==> flow/design.v <==
module reg_file_stage (sys_clk, rstn, wen, waddr, din, rsel, q);
    parameter integer D = 40;
    parameter integer DATA_W = 8;
    parameter integer NUM_RD = 2;
    localparam integer ADDR_W = $clog2(D);
    input sys_clk;
    input rstn;
    input wen;
    input [ADDR_W-1:0] waddr;
    input [DATA_W-1:0] din;
    input [NUM_RD*ADDR_W-1:0] rsel;
    output reg [NUM_RD*DATA_W-1:0] q;
    reg wen_s;
    reg [ADDR_W-1:0] waddr_s;
    reg [DATA_W-1:0] din_s;
    reg [D*DATA_W-1:0] rf;
    genvar i;
    generate
        for (i = 0; i < D; i = i + 1) begin : slice
            always @(posedge sys_clk)
                if (wen_s && waddr_s == i) rf[i*DATA_W +: DATA_W] <= din_s;
        end
    endgenerate
    reg [NUM_RD*ADDR_W-1:0] rsel_s;
    reg [NUM_RD*DATA_W-1:0] tmp;
    integer gj;
    integer idx;
    always @* begin
        tmp = 0;
        for (gj = 0; gj < NUM_RD; gj = gj + 1) begin
            for (idx = 0; idx < D; idx = idx + 1)
                tmp[gj*DATA_W +: DATA_W] = tmp[gj*DATA_W +: DATA_W] | (rf[idx*DATA_W +: DATA_W] & {DATA_W{rsel_s[gj*ADDR_W +: ADDR_W] == idx}});
        end
    end
    always @(posedge sys_clk or negedge rstn) begin
        if (!rstn) begin
            wen_s <= 1'b0;
            waddr_s <= 0;
            din_s <= 0;
            rsel_s <= 0;
            q <= 0;
        end else begin
            wen_s <= wen;
            waddr_s <= waddr;
            din_s <= din;
            rsel_s <= rsel;
            q <= tmp;
        end
    end
endmodule
# From RTL to reports: reg_file_stage
# The steps from the RTL of reg_file_stage to its reports follow in flow order.
# Line numbers count from 1 in the design file above.
# Cell names lack the library's common part.
# The mark -- stands for no value.
# design
top	reg_file_stage
clk_port	sys_clk
lib	sky130hd
pvt_corner	tt_025C_1v80

# Word level
# Counts by Yosys on the flattened word-level netlist (proc, flatten, opt, wreduce; memories kept). Register bits leave out memories and registers merged into their read ports (data or address); mux counts leave out enables and synchronous resets folded into registers. Print and check cells are left out. Cells with the same type and inputs are merged into one.
# word_totals
in_bits	29
regBits	363
wordCells	363
out_inout_bits	16
# classes
eq_ne	117
reduce_and_logical	43
logic	158
# op_table
operator	count
bitwise AND 8 bit	80
bitwise OR 8 bit	78
== test 6 x 5 -> 1 bit with constant B	48
== test 6 x 4 -> 1 bit with constant B	24
== test 6 bit with constant B	24
== test 6 x 3 -> 1 bit with constant B	12
logical AND 1 bit	40
== test 6 x 2 -> 1 bit with constant B	6
== test 6 x 1 -> 1 bit with constant B	3
zero test 6 bit	3

# Longest topological paths
# Longest topological path by Yosys (ltp), each cell counted once; first at word level (registers and memories cut), then after technology mapping (sequential cells cut; the memories' decode and read muxes count).
# depth
depth_word	41
abc_area	1
ltp_mapped	10
depth_no_buf	10

# Synthesis result
# Yosys stat after the flow's synthesis: flattened, memories mapped to cells. It holds for the ABC_AREA given above (unset counts as 0); a run with the other value may have another netlist.
# The area totals of this step are shown rounded.
# synth_totals
cells	1892
synth_area_um2	17000
seq_area_um2	11000
buffers	78
ff_cells	363
# types
cell	count	area_total_um2
edfxtp_1	320	9.61E+03
nand2_1	630	2.36E+03
nand3_1	392	1.96E+03
nor2_1	308	1.16E+03
dfrtp_1	43	1.08E+03
nand4_1	67	419.152
buf_2	35	175.168
clkbuf_1	32	120.115
inv_1	28	105.101
nor2_2	15	93.84
buf_4	7	52.55
buf_1	4	15.014
nor3_1	3	15.014
inv_2	3	11.261
nor2_4	1	11.261
clkinv_1	2	7.507
nand3b_1	1	7.507
and2_1	1	6.256

# Worst setup path after synthesis
# Path of least setup slack by OpenSTA after synthesis, without wires, with an ideal clock, recovery checks aside; 20% of the period is set as input and as output delay. Where synthesis merged equal registers, the netlist keeps one of their names.
# synth_timing
path_type	reg2reg
from	register waddr_s[5]
to	register rf[10]
setup_slack_ns	1.487
t_first_pin_ns	0.000
delay_ns	1.623
setup_ns	0.370
n_path_buf	1
required_ns	2.740
clock_period_ns	3.11
path_stages	4
arrival_ns	1.253
synth_period_reached_ns	1.623
# "delay_ns" = arrival - input delay + setup time.
# "path_stages" counts driving pins, that of a launching flip-flop among them; a cell with two outputs on the path counts twice.
# "synth_period_reached_ns" = period - worst setup slack (recovery checks aside). The figure is calculated, with input and output delays left at 20% of the set period.
# Between the ends stands the longest chain of elaborated cells between them, by number of cells; it is not shown to be the way that was timed. Of several equally long chains one is given.
# Each line given opens the expression or statement behind the cell; cells for indexed reads and writes are added by Yosys, which also makes memories of some case tables.
# synth_via
path_cell_list	dfrtp_1 > nand3b_1 > clkbuf_1 > nor2_1
elab_chain_cells	2
cone_cells	2
cone_lines	1
cone_classes	eq/ne (1); reduce/logical (1)
# synth_lines
item	line_no	source
start, declared	14	reg [ADDR_W-1:0] waddr_s;
start, assigned	38	waddr_s <= 0;
start, assigned	44	waddr_s <= waddr;
== test 6 x 1 -> 1 bit	21	if (wen_s && waddr_s == i) rf[i*DATA_W +: DATA_W] <= din_s;
logical AND 1 bit	21
end, assigned	21
end, declared	16	reg [D*DATA_W-1:0] rf;

# Timing after layout
# Path of least setup slack in the final report of run 1 (OpenROAD, finished layout, wires in). Where an end is a register, its clock arrival counts in the times.
# layout_timing
path_type	reg2reg
from	register rsel_s[7]
to	register q[8]
setup_ns	0.07
setup_slack_ns	0.43
required_ns	4.09
path_stages	10
t_first_pin_ns	0.57
clock_period_ns	3.59
n_path_buf	0
arrival_ns	3.66
# Between the ends stands the longest chain of elaborated cells between them, by number of cells; it is not shown to be the way that was timed. Of several equally long chains one is given.
# layout_via
path_cell_list	dfrtp_1 > nor2_2 > nand2_1 > nor2_1 > nand2_1 > nand2_1 > nor2_1 > nand2_1 > nor2_1 > nand3_1
elab_chain_cells	41
cone_cells	119
cone_lines	1
cone_classes	eq/ne (39); logic (79); reduce/logical (1)
# layout_lines
item	line_no	source
start, declared	24	reg [NUM_RD*ADDR_W-1:0] rsel_s;
start, assigned	40	rsel_s <= 0;
start, assigned	46	rsel_s <= rsel;
zero test 6 bit	32	tmp[gj*DATA_W +: DATA_W] = tmp[gj*DATA_W +: DATA_W] | (rf[idx*DATA_W +: DATA_W] & {DATA_W{rsel_s[gj*ADDR_W +: ...
bitwise AND 8 bit	32
bitwise OR 8 bit x39	32
end, assigned	41	q <= 0;
end, assigned	47	q <= tmp;
end, declared	12	output reg [NUM_RD*DATA_W-1:0] q;

# Top module reg_file_stage; platform sky130hd; tools Yosys and OpenROAD; 3 stored runs in no particular order. Input and output delays are each 20% of the period that was set; the output load is 0.01 pF.
# "worst_setup_path_time_ns" = time allowed to the worst setup path (clock period - input delay - output delay, where it has them) - its slack; a late launch clock adds to it, a late capture clock takes from it.
# Measured values are rounded.
# Settings: -- = not set for that run.
# Among the results, -- means that no value is shown for the run.
setting or result,run 1,run 2,run 3
period_ns,3.59,1.56,3.11
CORE_UTILIZATION,45,63,40
SETUP_SLACK_MARGIN,-0.33,0.39,--
PLACE_DENSITY,0.91,--,--
CORE_MARGIN,2,2,2
CELL_PAD_IN_SITES_DETAIL_PLACEMENT,0,2,--
TNS_END_PERCENT,30,85,--
ABC_AREA,1,--,--
GPL_TIMING_DRIVEN,1,--,--
CAP_MARGIN,25,0,20
MIN_ROUTING_LAYER,met1,--,--
MAX_ROUTING_LAYER,met5,--,--
SLEW_MARGIN,20,40,20
PLACE_DENSITY_LB_ADDON,--,0.14,--
GPL_ROUTABILITY_DRIVEN,--,1,--
design_die_area_um2,40000,--,41000
post_synth_area_um2,17000,--,16000
worstSetupSlack_ns,0.43,--,-0.095
tns_setup_ns,0.000,--,-0.16
layout_stdcell_area_um2,20000,--,20000
worst_setup_path_time_ns,3.16,--,3.21
worstPathKind,reg2reg,--,reg2reg
# Run 2: did not finish, placement stopped with a tool error
